==> flow/design.v <==
module rf_blk #(
   parameter NREGS = 20,
   parameter DW = 16,
   parameter ADDR_WIDTH = $clog2(NREGS),
   parameter GROUPS = DW / 8
) (
   input  wire core_clk,
   input  wire clr,
   input  wire [GROUPS-1:0] wstrb_in,
   input  wire [ADDR_WIDTH-1:0] wr_addr_in,
   input  wire [DW-1:0] din_in,
   input  wire [ADDR_WIDTH-1:0] rd_idx_in,
   output wire [DW-1:0] q_out
);
   reg [GROUPS-1:0] wstrb_s;
   reg [ADDR_WIDTH-1:0] wr_addr_s;
   reg [DW-1:0] din_s;
   always @(posedge core_clk or posedge clr) begin
      if (clr) begin
         wstrb_s <= 0;
         wr_addr_s <= 0;
         din_s <= 0;
      end else begin
         wstrb_s <= wstrb_in;
         wr_addr_s <= wr_addr_in;
         din_s <= din_in;
      end
   end
   reg [DW-1:0] ram [NREGS-1:0];
   integer idx;
   always @(posedge core_clk) begin
      for (idx = 0; idx < GROUPS; idx = idx + 1)
         if (wstrb_s[idx]) ram[wr_addr_s][8*idx +: 8] <= din_s[8*idx +: 8];
   end
   reg [ADDR_WIDTH-1:0] rd_idx_s;
   always @(posedge core_clk or posedge clr) begin
      if (clr) begin
         rd_idx_s <= 0;
      end else begin
         rd_idx_s <= rd_idx_in;
      end
   end
   assign q_out = ram[rd_idx_s];
endmodule
# ---- Tool chain data of rf_blk
# Tool output for the design above, in the order of the flow.
# Line numbers count from 1 in the design file above.
# Operators: Yosys type, input widths -> output width; for muxes data width and select width s.
# Library cell names are shortened.
# A cell with n/a has no value.
dict set report inputs {
  top {rf_blk}
  clock_port {core_clk}
  lib {sky130hd}
  lib_corner {tt_025C_1v80}
}

# ---- Word-level counts
# Yosys after proc, flatten, opt, wreduce and memory -nomap, before mapping. Enables and synchronous resets that opt folds into registers are not counted as muxes. Memory bits, and registers merged into a memory's read port (data or address), are not among the register bits. Print and check cells are not counted. Equal cells are merged and count once.
# Memory sizes are those after Yosys's memory passes, which may raise the word count (mostly to a power of two), join words into wider ones and drop unused or constant bits.
dict set report bits {
  out_inout_bits 16
  n_memories 1
  ff_bits 28
  word_cells 9
  input_bits 30
  ramBits 320
}
# memory words word_bits read_ports wr line
set mem_list {}
lappend mem_list {ram 20 16 1 1 29} ;# reg [DW-1:0] ram [NREGS-1:0];
dict set report op_classes {
  n_mux 4
}
# operator n
set ops {}
lappend ops {{$mux 16} 2}
lappend ops {{$mux 1} 2}

# ---- Depth
# Depth = most cells in a row (Yosys ltp): at word level without a register or memory, in the mapped netlist without a sequential cell, where the memories' decode and read muxes count.
dict set report depth {
  ltp_word 1
  ABC_AREA 0
  depth_mapped 7
  mapped_depth_nobuf 4
}

# ---- Mapped cells and area
# Source: synth_stat.txt of the flow (Yosys; design flattened, memories mapped). It holds for the ABC_AREA given above (unset counts as 0); a run with the other value may have another netlist.
# The area totals of this step are shown rounded.
# cell_type n type_area_um2
set types {}
lappend types {edfxtp_1 320 9.61E+03}
lappend types {mux2i_1 111 1.11E+03}
lappend types {dfrtp_1 28 700.672}
lappend types {mux4_2 16 360.346}
lappend types {nor2_1 58 217.709}
lappend types {mux2_2 17 191.434}
lappend types {nand3_1 33 165.158}
lappend types {nand2_1 38 142.637}
lappend types {a22oi_1 16 120.115}
lappend types {buf_6 10 112.608}
lappend types {o22ai_1 16 100.096}
lappend types {a211oi_1 11 82.579}
lappend types {a21oi_1 16 80.077}
lappend types {a211oi_2 5 62.56}
lappend types {buf_4 8 60.058}
lappend types {buf_2 10 50.048}
lappend types {nand3b_1 3 22.522}
lappend types {clkbuf_1 5 18.768}
# Other cell types: 18; their cells: 21.
dict set report mapped {
  ff_cells 348
  cells 742
  synth_area_um2 13370
  seqArea_um2 10310
}

# ---- Timing after synthesis
# Path of least setup slack by OpenSTA after synthesis, without wires, with an ideal clock, recovery checks aside; 20% of the period is set as input and as output delay. Where synthesis merged equal registers, the netlist keeps one of their names.
dict set report synth_path {
  kind {register to output}
  from {register rd_idx_s[0]}
  to {output port q_out[11]}
  delay_ps 1352
  t_required_ps 1784
  output_delay_ps 446
  arrival_time_ps 1352
  path_buffers 3
  tclk_ps 2230
  path_slack_ps 432
  driving_pins 8
  synth_period_reached_ps 1798
}
# "delay_ps" = arrival - input delay + setup time.
# A path that ends at an output port has no setup time.
# "driving_pins" counts driving pins, that of a launching flip-flop among them; a cell with two outputs on the path counts twice.
# "synth_period_reached_ps" is the clock period less the worst setup slack; recovery checks do not enter. This is arithmetic on one report: input and output delays are still those of the set period (20% each).
# The rows between start and end are the longest chain of elaborated cells between them; the timing report does not say that the signal goes this way. Where chains are equally long, one stands for them.
# A line is the first line of the expression or statement that the cell stems from. Yosys adds cells for indexed reads and writes and turns some case tables into memories.
# A memory read counts as a cell of the chain, while the word-level depth stops at memories.
dict set report synth_via {
  path_cell_list {dfrtp_1 buf_6 buf_6 buf_6 mux2i_1 nor2_1 a211oi_1 nand3_1}
  elab_chain_cells 1
}
# element line
set synth_rtl {}
lappend synth_rtl {{start, declared} 35} ;# reg [ADDR_WIDTH-1:0] rd_idx_s;
lappend synth_rtl {{start, assigned} 38} ;# rd_idx_s <= 0;
lappend synth_rtl {{start, assigned} 40} ;# rd_idx_s <= rd_idx_in;
lappend synth_rtl {{$mem_v2 20x16} 29} ;# reg [DW-1:0] ram [NREGS-1:0];
lappend synth_rtl {{end, declared} 13} ;# output wire [DW-1:0] q_out

# ---- Timing after layout
# Path of least setup slack in the final report of stored run 1 (OpenROAD, finished layout, wires in). Where an end is a register, its clock arrival counts in the times.
# The path's times are printed in steps of 10 ps; the period is the one set.
dict set report layout_path {
  kind {register to output}
  from {register rd_idx_s[0]}
  to {output port q_out[5]}
  arrival_time_ps 2330
  driving_pins 10
  path_buffers 5
  path_slack_ps -1310
  output_delay_ps 250
  tclk_ps 1270
  t_required_ps 1020
}
# The rows between start and end are the longest chain of elaborated cells between them; the timing report does not say that the signal goes this way. Where chains are equally long, one stands for them.
# A memory read counts as a cell of the chain, while the word-level depth stops at memories.
dict set report layout_via {
  path_cell_list {dfrtp_1 buf_12 buf_12 buf_12 clkbuf_16 mux2i_1 nor2_1 a211oi_2 nand3_2 buf_6}
  elab_chain_cells 1
}
# element line
set layout_rtl {}
lappend layout_rtl {{start, declared} 35} ;# reg [ADDR_WIDTH-1:0] rd_idx_s;
lappend layout_rtl {{start, assigned} 38} ;# rd_idx_s <= 0;
lappend layout_rtl {{start, assigned} 40} ;# rd_idx_s <= rd_idx_in;
lappend layout_rtl {{$mem_v2 20x16} 29} ;# reg [DW-1:0] ram [NREGS-1:0];
lappend layout_rtl {{end, declared} 13} ;# output wire [DW-1:0] q_out

Hand-over note for rf_blk

Record of 3 stored runs of the RTL-to-layout flow on rf_blk, platform sky130hd. The runs are unordered. Constraints: input delay and output delay 20% of the set period each, output load 0.01 pF.
"achievedPeriod_ps" = clock period - worst setup slack. The figure is calculated, with input and output delays left at 20% of the set period.
"timing.worst_path_ps" = time allowed to the worst setup path (clock period - input delay - output delay, where it has them) - its slack; a late launch clock adds to it, a late capture clock takes from it.
"fin_power_w" rests on the timing tool's default activity at the inputs, not on a simulated workload.
"timing.worst_path_ps" is known to 10 ps.
The results are shown rounded.

[flow] stored run 1: files
==> flow/run.sh <==
#!/bin/bash
# the make line also repeats the synthesis and layout settings of config.mk as NAME=value (left out here)
make -C /OpenROAD-flow-scripts/flow DESIGN_CONFIG=/design/flow/config.mk WORK_HOME=/design/flow/orfs CLKGATE_MAP_FILE= finish
==> flow/config.mk <==
export PLATFORM = sky130hd
export DESIGN_NAME = rf_blk
export DESIGN_NICKNAME = rf_blk
export VERILOG_FILES = /design/flow/design.v
export SDC_FILE = /design/flow/constraint.sdc
export NUM_CORES = 4
export LEC_CHECK = 0
export ABC_AREA = 0
export CAP_MARGIN = 20
export CORE_ASPECT_RATIO = 0.88
export CORE_MARGIN = 7
export CORE_UTILIZATION = 36
export CTS_CLUSTER_SIZE = 53
export GPL_TIMING_DRIVEN = 0
export PLACE_DENSITY_LB_ADDON = 0.16
export SLEW_MARGIN = 0
==> flow/constraint.sdc <==
create_clock -name core_clock -period 1.27 [get_ports {core_clk}]
set_input_delay 0.2540 -clock core_clock [delete_from_list [all_inputs] [get_ports {core_clk}]]
set_output_delay 0.2540 -clock core_clock [all_outputs]
set_load 0.01 [all_outputs]

[flow] stored run 1: metrics
[metrics] ws_setup_ps = -1312
[metrics] fin_power_w = 0.02475
[metrics] achievedPeriod_ps = 2582
[metrics] synth_area_um2 = 13370
[metrics] die_footprint_um2 = 42730
[metrics] post_route_util_frac = 0.484
[metrics] layout_stdcell_area_um2 = 17790
[metrics] timing.worst_path_ps = 2330
[metrics] worst_path_kind = register to output

[flow] stored run 2: files
==> flow/run.sh <==
#!/bin/bash
# the make line also repeats the synthesis and layout settings of config.mk as NAME=value (left out here)
make -C /OpenROAD-flow-scripts/flow DESIGN_CONFIG=/design/flow/config.mk WORK_HOME=/design/flow/orfs CLKGATE_MAP_FILE= finish
==> flow/config.mk <==
export PLATFORM = sky130hd
export DESIGN_NAME = rf_blk
export DESIGN_NICKNAME = rf_blk
export VERILOG_FILES = /design/flow/design.v
export SDC_FILE = /design/flow/constraint.sdc
export NUM_CORES = 4
export LEC_CHECK = 0
export CAP_MARGIN = 20
export CORE_MARGIN = 2
export CORE_UTILIZATION = 40
export SLEW_MARGIN = 20
==> flow/constraint.sdc <==
create_clock -name core_clock -period 2.23 [get_ports {core_clk}]
set_input_delay 0.4460 -clock core_clock [delete_from_list [all_inputs] [get_ports {core_clk}]]
set_output_delay 0.4460 -clock core_clock [all_outputs]
set_load 0.01 [all_outputs]

[flow] stored run 2: metrics
[metrics] ws_setup_ps = -548
[metrics] post_route_util_frac = 0.515
[metrics] timing.worst_path_ps = 2330
[metrics] worst_path_kind = register to output
[metrics] achievedPeriod_ps = 2778
[metrics] die_footprint_um2 = 34890
[metrics] fin_power_w = 0.01392
[metrics] layout_stdcell_area_um2 = 16830
[metrics] synth_area_um2 = 13370

[flow] stored run 3: files
==> flow/run.sh <==
#!/bin/bash
# the make line also repeats the synthesis and layout settings of config.mk as NAME=value (left out here)
make -C /OpenROAD-flow-scripts/flow DESIGN_CONFIG=/design/flow/config.mk WORK_HOME=/design/flow/orfs CLKGATE_MAP_FILE= finish
==> flow/config.mk <==
export PLATFORM = sky130hd
export DESIGN_NAME = rf_blk
export DESIGN_NICKNAME = rf_blk
export VERILOG_FILES = /design/flow/design.v
export SDC_FILE = /design/flow/constraint.sdc
export NUM_CORES = 4
export LEC_CHECK = 0
export CAP_MARGIN = 20
export CELL_PAD_IN_SITES_DETAIL_PLACEMENT = 1
export CORE_MARGIN = 3
export CORE_UTILIZATION = 17
export GPL_TIMING_DRIVEN = 1
export MAX_ROUTING_LAYER = met5
export PLACE_DENSITY = 0.56
export SLEW_MARGIN = 20
export TNS_END_PERCENT = 15
==> flow/constraint.sdc <==
create_clock -name core_clock -period 2.0 [get_ports {core_clk}]
set_input_delay 0.4000 -clock core_clock [delete_from_list [all_inputs] [get_ports {core_clk}]]
set_output_delay 0.4000 -clock core_clock [all_outputs]
set_load 0.01 [all_outputs]

[flow] stored run 3: metrics
[metrics] synth_area_um2 = 13370
[metrics] achievedPeriod_ps = 2756
[metrics] ws_setup_ps = -756
[metrics] post_route_util_frac = 0.227
[metrics] die_footprint_um2 = 82030
[metrics] fin_power_w = 0.01623
[metrics] layout_stdcell_area_um2 = 17650
[metrics] timing.worst_path_ps = 2360
[metrics] worst_path_kind = register to output

End of note.
